==> flow/design.v <==
module core_shift #(
   parameter W = 14,
   parameter LOGN = $clog2(W)
) (
   input ck,
   input [W-1:0] val,
   input [LOGN-1:0] sh,
   input lr,
   output [W-1:0] result
);
   reg [W-1:0] result_r;
   always @(posedge ck) begin
      result_r <= lr ? val << sh : val >> sh;
   end
   assign result = result_r;
endmodule
Tool chain data of core_shift

Tool output for the design above, in the order of the flow.
Line numbers count from 1 in the design file above.
Operators: Yosys type, input widths -> output width; for muxes data width and select width s.
Cell names lack the library's common part.
Not given: n/a

Top: core_shift
Clock: ck
Library: sky130hd
Corner: tt_025C_1v80

After elaboration

Source: Yosys, flattened and elaborated, memories not mapped. Widths are those after wreduce; folded enables and synchronous resets count as part of the registers. Registers that Yosys merges into a memory's read port (data or address) are not register bits. Print and check cells do not count. Equal cells are merged and count once.

Register bits after elaboration: 14
Input bits: 20
Output and inout port bits: 14
Word-level cells: 4

Shifts and indexed selects: 2
Muxes and demuxes: 1

Operator list:

| operator      | count |
| $shl 14x4->14 | 1 |
| $shr 14x4->14 | 1 |
| $mux 14       | 1 |

Longest topological paths

Longest topological path by Yosys (ltp), each cell counted once; first at word level (registers and memories cut), then after technology mapping (sequential cells cut; the memories' decode and read muxes count).

Word-level depth: 2
ABC_AREA: 0
Gate-level depth with buffers: 7
Mapped depth without buffers: 4

Mapped cells and area

Source: synth_stat.txt of the flow (Yosys; design flattened, memories mapped). It holds for the ABC_AREA given above (unset counts as 0); a run with the other value may have another netlist.
Totals and module areas in this step are rounded.

Standard cells after synthesis: 153
Cell area after synthesis: 1600 um^2
Sequential area: 280 um^2
Flip-flops: 14
Buffers: 17

Cell types:

| cell type | count | total area (um^2) |
| mux4_2    | 18    | 405.389 |
| dfxtp_1   | 14    | 280.269 |
| mux4_1    | 5     | 131.376 |
| mux2i_1   | 13    | 130.125 |
| nor2_1    | 12    | 45.043 |
| buf_2     | 8     | 40.038 |
| nand3_1   | 7     | 35.034 |
| mux2_2    | 3     | 33.782 |
| nand2b_1  | 5     | 31.28 |
| nand2_1   | 8     | 30.029 |
| o211ai_1  | 4     | 30.029 |
| a32oi_1   | 3     | 26.275 |
| o21ai_0   | 4     | 20.019 |
| clkbuf_1  | 5     | 18.768 |
| nor2b_1   | 3     | 18.768 |
| a2111oi_0 | 2     | 17.517 |
| a311oi_1  | 2     | 17.517 |
| o221ai_1  | 2     | 17.517 |

Not listed: further types 25, cells in them 35.

Timing after synthesis

OpenSTA on the mapped netlist: ideal clock, no wires. The path of least setup slack (recovery checks aside). Input and output delay are each 20% of the period. Register names are those of the netlist, which keeps one name where synthesis merged equal registers.

Path kind: input-to-reg
Start point: in sh[0]
End point: reg result_r[12]
Clock period: 2040 ps
External input delay: 408 ps
Setup time: 134 ps
Time at the first pin: 408 ps
Arrival time: 1580 ps
Required time: 1906 ps
Setup slack: 326 ps
Path delay: 1306 ps
Stages: 5
Path buffers: 2
Synthesis period reached: 1714 ps

"path delay" = arrival - input delay + setup time.
"stages" counts driving pins, that of a launching flip-flop among them; a cell with two outputs on the path counts twice.
"synthesis period reached" is the clock period less the worst setup slack; recovery checks do not enter. This is arithmetic on one report: input and output delays are still those of the set period (20% each).
The rows between start and end are the longest chain of elaborated cells between them; the timing report does not say that the signal goes this way. Where chains are equally long, one stands for them.
Each line given opens the expression or statement behind the cell; cells for indexed reads and writes are added by Yosys, which also makes memories of some case tables.

Cell sequence: buf_6 > buf_2 > mux4_2 > a32oi_1 > o221ai_1
Cells in the longest elaborated chain: 2
Elaborated cells on any way between the ends: 3
RTL lines with such cells: 1
Classes of those cells: shift (2); mux (1)

Ends and longest elaborated chain, after synthesis:

| item          | RTL line | RTL |
| from (decl)   | 7        | `input [LOGN-1:0] sh,` |
| $shr 14x4->14 | 13       | `result_r <= lr ? val << sh : val >> sh;` |
| $mux 14       | 13       |  |
| to (assign)   | 13       |  |
| to (decl)     | 11       | `reg [W-1:0] result_r;` |

Worst path after layout

From the final timing report of job 1: the path of least setup slack in the routed layout; clock arrival at registers is part of the times.
The path's times are printed in steps of 10 ps; the period is the one set.

Path kind: input-to-reg
Start point: in val[9]
End point: reg result_r[1]
Clock period: 2040 ps
External input delay: 410 ps
Setup time: 110 ps
Time at the first pin: 410 ps
Arrival time: 2010 ps
Required time: 2180 ps
Setup slack: 170 ps
Stages: 5
Path buffers: 1

Cell sequence: clkdlybuf4s50_1 > mux4_2 > mux2i_1 > nor2_1 > a221o_1

Ends and longest elaborated chain, after layout:

| item        | RTL line | RTL |
| from (decl) | 6        | `input [W-1:0] val,` |
| to (assign) | 13       | `result_r <= lr ? val << sh : val >> sh;` |
| to (decl)   | 11       | `reg [W-1:0] result_r;` |

No chain of elaborated cells between the ends is given.

Ticket comment

Settings and measured results of 2 stored flow runs for module core_shift (sky130hd), not sorted in any way. The constraints put input and output delay at 20% of the set period each and load the outputs with 0.01 pF.
"period achieved": clock period set for the run, less the worst setup slack. It is reckoned from that one timing run; input and output delays stay at 20% of the period that was set.
"worst path time" = time allowed to the worst setup path (clock period - input delay - output delay, where it has them) - its slack; a late launch clock adds to it, a late capture clock takes from it.
"worst path time" is known to 10 ps.
Values from the reports are rounded here.

## Job 1

==> flow/run.sh <==
#!/bin/bash
# the make line also repeats the synthesis and layout settings of config.mk as NAME=value (left out here)
make -C /OpenROAD-flow-scripts/flow DESIGN_CONFIG=/design/flow/config.mk WORK_HOME=/design/flow/orfs CLKGATE_MAP_FILE= finish
==> flow/config.mk <==
export PLATFORM = sky130hd
export DESIGN_NAME = core_shift
export DESIGN_NICKNAME = core_shift
export VERILOG_FILES = /design/flow/design.v
export SDC_FILE = /design/flow/constraint.sdc
export NUM_CORES = 4
export LEC_CHECK = 0
export CAP_MARGIN = 20
export CORE_MARGIN = 2
export CORE_UTILIZATION = 40
export SLEW_MARGIN = 20
==> flow/constraint.sdc <==
create_clock -name core_clock -period 2.04 [get_ports {ck}]
set_input_delay 0.4080 -clock core_clock [delete_from_list [all_inputs] [get_ports {ck}]]
set_output_delay 0.4080 -clock core_clock [all_outputs]
set_load 0.01 [all_outputs]

| result of job 1 | value |
|---|---|
| die footprint | 4500 um^2 |
| period achieved | 1870 ps |
| setup total negative slack | 0 ps |
| worst path time | 1460 ps |
| type of the worst setup path | input-to-reg |
| final utilization | 0.59 |
| setup slack of the worst path | 170 ps |
| post-route worst hold slack | 860 ps |
| Yosys chip area after synthesis | 1600 um^2 |

## Job 2

==> flow/run.sh <==
#!/bin/bash
# the make line also repeats the synthesis and layout settings of config.mk as NAME=value (left out here)
make -C /OpenROAD-flow-scripts/flow DESIGN_CONFIG=/design/flow/config.mk WORK_HOME=/design/flow/orfs CLKGATE_MAP_FILE= finish
==> flow/config.mk <==
export PLATFORM = sky130hd
export DESIGN_NAME = core_shift
export DESIGN_NICKNAME = core_shift
export VERILOG_FILES = /design/flow/design.v
export SDC_FILE = /design/flow/constraint.sdc
export NUM_CORES = 4
export LEC_CHECK = 0
export CAP_MARGIN = 20
export CORE_ASPECT_RATIO = 0.69
export CORE_MARGIN = 2
export CORE_UTILIZATION = 55
export CTS_CLUSTER_SIZE = 24
export GPL_ROUTABILITY_DRIVEN = 1
export GPL_TIMING_DRIVEN = 0
export MAX_ROUTING_LAYER = met4
export PLACE_DENSITY_LB_ADDON = 0.23
export SETUP_SLACK_MARGIN = 0.24
export SLEW_MARGIN = 20
==> flow/constraint.sdc <==
create_clock -name core_clock -period 1.4 [get_ports {ck}]
set_input_delay 0.2800 -clock core_clock [delete_from_list [all_inputs] [get_ports {ck}]]
set_output_delay 0.2800 -clock core_clock [all_outputs]
set_load 0.01 [all_outputs]

| result of job 2 | value |
|---|---|
| die footprint | 3300 um^2 |
| period achieved | 1368 ps |
| setup total negative slack | 0 ps |
| worst path time | 1090 ps |
| type of the worst setup path | input-to-reg |
| final utilization | 0.85 |
| setup slack of the worst path | 32 ps |
| post-route worst hold slack | 440 ps |
| Yosys chip area after synthesis | 1600 um^2 |
